==> flow/design.v <==
module dp_arith_n #(
   parameter W = 14
) (
   input  logic ck,
   input  logic resetn,
   input  logic signed [W-1:0] a_in,
   input  logic signed [W-1:0] b_in,
   input  logic dir_in,
   output logic [W-1:0] result_out,
   output logic carry_out_out
);
   logic signed [W-1:0] a_ff;
   logic signed [W-1:0] b_ff;
   logic dir_ff;
   logic [W-1:0] w2;
   assign w2 = b_ff ^ {W{dir_ff}};
   logic [W-1:0] nxt;
   assign nxt = $unsigned(a_ff) + w2 + dir_ff;
   always_ff @(posedge ck or negedge resetn) begin
      if (!resetn) begin
         a_ff <= '0;
         b_ff <= '0;
         dir_ff <= 1'b0;
         result_out <= '0;
         carry_out_out <= 1'b0;
      end else begin
         a_ff <= a_in;
         b_ff <= b_in;
         dir_ff <= dir_in;
         result_out <= nxt[W-1:0];
         carry_out_out <= (a_ff[W-1] == w2[W-1]) && (nxt[W-1] != a_ff[W-1]);
      end
   end
endmodule
* Step by step through the tools: dp_arith_n
The steps from the RTL of dp_arith_n to its reports follow in flow order.
Lines are those of the file above, counted from 1.
Operators: Yosys type, input widths -> output width; for muxes data width and select width s.
Library cell names are shortened.
The mark n/a stands for no value.
- Design top :: dp_arith_n
- Clock :: ck
- Standard-cell library :: sky130hd
- Library corner :: tt_025C_1v80

* Word-level counts
Counts by Yosys on the flattened word-level netlist (proc, flatten, opt, wreduce; memories kept). Register bits leave out memories and registers merged into their read ports (data or address); mux counts leave out enables and synchronous resets folded into registers. Print and check cells are left out. Cells with the same type and inputs are merged into one.
- Flip-flop bits (word level) :: 44
- Latch bits :: 0
- RAM bits :: 0
- Memory bits (read-only) :: 0
- Word width x clocked read ports :: 0
- Memory cells :: 0
- Input bits :: 31
- Output and inout port bits :: 15
- Word-level cells :: 11
- Add/subtract/negate cells :: 2
- Multipliers :: 0
- Div/mod/pow operators :: 0
- $lt $le $gt $ge :: 0
- Eq/ne operators :: 2
- Shifts and indexed selects :: 0
- Mux-type cells :: 0
- Bitwise logic cells :: 1
- Reduce/logical cells :: 1
** Operators with widths (number)
- $add 14x1->14 :: 1
- $add 14x14->14 :: 1
- $xor 14x14->14 :: 1
- $eq 1x1->1 :: 1
- $ne 1x1->1 :: 1
- $logic_and 1x1->1 :: 1

* Depth
Longest topological path by Yosys (ltp), each cell counted once; first at word level (registers and memories cut), then after technology mapping (sequential cells cut; the memories' decode and read muxes count).
- Word-level depth :: 5
- ABC_AREA :: 0
- Gate-level depth with buffers :: 9
- Depth with buffers taken out :: 8

* Synthesis result
Source: synth_stat.txt of the flow (Yosys; design flattened, memories mapped). It holds for the ABC_AREA given above (unset counts as 0); a run with the other value may have another netlist.
The area totals of this step are shown rounded.
- Standard cells after synthesis :: 150
- Cell area after synthesis :: 0.0019 sq mm
- Sequential part of the area :: 0.0011 sq mm
- Mapped flip-flops :: 44
- Buffer cells :: 2
** Cells by type
- dfrtp_1 :: number 44, area in all 1.1E+03 sq um
- ha_1 :: number 13, area in all 162.656 sq um
- xor2_1 :: number 17, area in all 148.893 sq um
- xnor2_1 :: number 6, area in all 52.55 sq um
- a21oi_1 :: number 9, area in all 45.043 sq um
- a21o_1 :: number 4, area in all 30.029 sq um
- nand2_1 :: number 8, area in all 30.029 sq um
- inv_1 :: number 7, area in all 26.275 sq um
- and3_4 :: number 2, area in all 22.522 sq um
- a211oi_4 :: number 1, area in all 20.019 sq um
- fa_1 :: number 1, area in all 20.019 sq um
- mux2i_1 :: number 2, area in all 20.019 sq um
- nor2b_1 :: number 3, area in all 18.768 sq um
- o21ai_2 :: number 2, area in all 17.517 sq um
- a21boi_1 :: number 2, area in all 15.014 sq um
- nor2_1 :: number 4, area in all 15.014 sq um
- o21ai_0 :: number 3, area in all 15.014 sq um
- mux2i_2 :: number 1, area in all 13.763 sq um
Other cell types: 19; their cells: 21.

* Worst setup path after synthesis
OpenSTA on the mapped netlist: ideal clock, no wires. The path of least setup slack (recovery checks aside). Input and output delay are each 20% of the period. Register names are those of the netlist, which keeps one name where synthesis merged equal registers.
- Path kind :: flip-flop to flip-flop
- From :: register dir_ff
- To :: register result_out[11]
- Period :: 2.75 ns
- Setup time :: 0.128 ns
- Data arrival time :: 2.071 ns
- Required time :: 2.622 ns
- Slack :: 0.552 ns
- Delay of the path :: 2.199 ns
- Stages :: 10
- Buffers on the path :: 2
- Synthesis period reached :: 2.198 ns
"delay of the path" = arrival - input delay + setup time.
"stages": output pins that drive a net of the path, with the launching flip-flop's if there is one; two outputs of one cell count as two.
"synthesis period reached" is the clock period less the worst setup slack; recovery checks do not enter. This is arithmetic on one report: input and output delays are still those of the set period (20% each).
Between the ends stands the longest chain of elaborated cells between them, by number of cells; it is not shown to be the way that was timed. Of several equally long chains one is given.
A line is the first line of the expression or statement that the cell stems from. Yosys adds cells for indexed reads and writes and turns some case tables into memories.
- Cell sequence :: dfrtp_1 -> buf_6 -> buf_2 -> xor2_1 -> ha_1 -> and3_4 -> and3_4 -> a211oi_4 -> o21bai_1 -> xor2_1
- Cells in the longest elaborated chain :: 3
** RTL lines, path after synthesis
- start, declared :: RTL line 14 : logic dir_ff;
- start, assigned :: RTL line 23 : dir_ff <= 1'b0;
- start, assigned :: RTL line 29 : dir_ff <= dir_in;
- $xor 14x14->14 :: RTL line 16 : assign w2 = b_ff ^ {W{dir_ff}};
- $add 14x14->14 :: RTL line 18 : assign nxt = $unsigned(a_ff) + w2 + dir_ff;
- $add 14x1->14 :: RTL line 18
- end, assigned :: RTL line 24 : result_out <= '0;
- end, assigned :: RTL line 30 : result_out <= nxt[W-1:0];
- end, declared :: RTL line 9 : output logic [W-1:0] result_out,

* Path in the finished layout
From the final timing report of run 1: the path of least setup slack in the routed layout; clock arrival at registers is part of the times.
- Path kind :: flip-flop to flip-flop
- From :: register dir_ff
- To :: register result_out[8]
- Period :: 2.75 ns
- Setup time :: 0.13 ns
- Data arrival time :: 2.57 ns
- Required time :: 2.90 ns
- Slack :: 0.33 ns
- Stages :: 9
- Buffers on the path :: 0
Between the ends stands the longest chain of elaborated cells between them, by number of cells; it is not shown to be the way that was timed. Of several equally long chains one is given.
- Cell sequence :: dfrtp_1 -> xor2_1 -> inv_1 -> fa_1 -> nor2b_1 -> o211ai_2 -> a21boi_1 -> or4_1 -> o2111ai_1
- Cells in the longest elaborated chain :: 3
** RTL lines, path post-layout
- start, declared :: RTL line 14 : logic dir_ff;
- start, assigned :: RTL line 23 : dir_ff <= 1'b0;
- start, assigned :: RTL line 29 : dir_ff <= dir_in;
- $xor 14x14->14 :: RTL line 16 : assign w2 = b_ff ^ {W{dir_ff}};
- $add 14x14->14 :: RTL line 18 : assign nxt = $unsigned(a_ff) + w2 + dir_ff;
- $add 14x1->14 :: RTL line 18
- end, assigned :: RTL line 24 : result_out <= '0;
- end, assigned :: RTL line 30 : result_out <= nxt[W-1:0];
- end, declared :: RTL line 9 : output logic [W-1:0] result_out,

FLOW RESULTS
============

Flow measurements of dp_arith_n on sky130hd: 3 stored runs with different settings, listed in no order. Input and output delays are each 20% of the period that was set; the output load is 0.01 pF.
"achieved clock period": clock period set for the run, less the worst setup slack. It is reckoned from that one timing run; input and output delays stay at 20% of the period that was set.
By "critical path time" is meant the share of the clock period that the worst setup path is allowed (20% is reserved at inputs, 20% at outputs), minus its slack. Clock arrival times at its registers enter into it.
"power": no workload was simulated; the value follows from the tool's default switching activity.
The measured numbers are rounded.

* Run 1
** Files
==> flow/run.sh <==
#!/bin/bash
# the make line also repeats the synthesis and layout settings of config.mk as NAME=value (left out here)
make -C /OpenROAD-flow-scripts/flow DESIGN_CONFIG=/design/flow/config.mk WORK_HOME=/design/flow/orfs CLKGATE_MAP_FILE= finish
==> flow/config.mk <==
export PLATFORM = sky130hd
export DESIGN_NAME = dp_arith_n
export DESIGN_NICKNAME = dp_arith_n
export VERILOG_FILES = /design/flow/design.v
export SDC_FILE = /design/flow/constraint.sdc
export NUM_CORES = 4
export LEC_CHECK = 0
export CAP_MARGIN = 20
export CORE_MARGIN = 2
export CORE_UTILIZATION = 40
export SLEW_MARGIN = 20
==> flow/constraint.sdc <==
create_clock -name core_clock -period 2.75 [get_ports {ck}]
set_input_delay 0.5500 -clock core_clock [delete_from_list [all_inputs] [get_ports {ck}]]
set_output_delay 0.5500 -clock core_clock [all_outputs]
set_load 0.01 [all_outputs]
** Results
- Critical path time :: 2.42 ns
- Critical path type :: flip-flop to flip-flop
- Power :: 1.6 mW
- Achieved clock period :: 2.418 ns
- Post-layout utilization :: 54%
- Full die area :: 0.0054 sq mm
- Setup slack of the critical path :: 0.33 ns
- Netlist area reported by Yosys :: 0.0019 sq mm
- Sum of negative setup slack :: 0.000 ns

* Run 2
** Files
==> flow/run.sh <==
#!/bin/bash
# the make line also repeats the synthesis and layout settings of config.mk as NAME=value (left out here)
make -C /OpenROAD-flow-scripts/flow DESIGN_CONFIG=/design/flow/config.mk WORK_HOME=/design/flow/orfs CLKGATE_MAP_FILE= finish
==> flow/config.mk <==
export PLATFORM = sky130hd
export DESIGN_NAME = dp_arith_n
export DESIGN_NICKNAME = dp_arith_n
export VERILOG_FILES = /design/flow/design.v
export SDC_FILE = /design/flow/constraint.sdc
export NUM_CORES = 4
export LEC_CHECK = 0
export ABC_AREA = 1
export CAP_MARGIN = 20
export CORE_MARGIN = 4
export CORE_UTILIZATION = 65
export CTS_CLUSTER_SIZE = 28
export GPL_TIMING_DRIVEN = 1
export PLACE_DENSITY_LB_ADDON = 0.15
export SETUP_SLACK_MARGIN = 0.27
export SLEW_MARGIN = 0
export TNS_END_PERCENT = 65
==> flow/constraint.sdc <==
create_clock -name core_clock -period 1.91 [get_ports {ck}]
set_input_delay 0.3820 -clock core_clock [delete_from_list [all_inputs] [get_ports {ck}]]
set_output_delay 0.3820 -clock core_clock [all_outputs]
set_load 0.01 [all_outputs]
** Results
No results, routing failed with DPL-0033.

* Run 3
** Files
==> flow/run.sh <==
#!/bin/bash
# the make line also repeats the synthesis and layout settings of config.mk as NAME=value (left out here)
make -C /OpenROAD-flow-scripts/flow DESIGN_CONFIG=/design/flow/config.mk WORK_HOME=/design/flow/orfs CLKGATE_MAP_FILE= finish
==> flow/config.mk <==
export PLATFORM = sky130hd
export DESIGN_NAME = dp_arith_n
export DESIGN_NICKNAME = dp_arith_n
export VERILOG_FILES = /design/flow/design.v
export SDC_FILE = /design/flow/constraint.sdc
export NUM_CORES = 4
export LEC_CHECK = 0
export CAP_MARGIN = 25
export CORE_MARGIN = 2
export CORE_UTILIZATION = 52
export GPL_ROUTABILITY_DRIVEN = 1
export MIN_ROUTING_LAYER = met1
export PLACE_DENSITY_LB_ADDON = 0.21
export SETUP_SLACK_MARGIN = 0.23
export SLEW_MARGIN = 20
export TNS_END_PERCENT = 65
==> flow/constraint.sdc <==
create_clock -name core_clock -period 2.31 [get_ports {ck}]
set_input_delay 0.4620 -clock core_clock [delete_from_list [all_inputs] [get_ports {ck}]]
set_output_delay 0.4620 -clock core_clock [all_outputs]
set_load 0.01 [all_outputs]
** Results
- Critical path time :: 2.23 ns
- Critical path type :: flip-flop to flip-flop
- Power :: 2.1 mW
- Achieved clock period :: 2.229 ns
- Post-layout utilization :: 77%
- Full die area :: 0.0042 sq mm
- Setup slack of the critical path :: 0.081 ns
- Netlist area reported by Yosys :: 0.0019 sq mm
- Sum of negative setup slack :: 0.000 ns
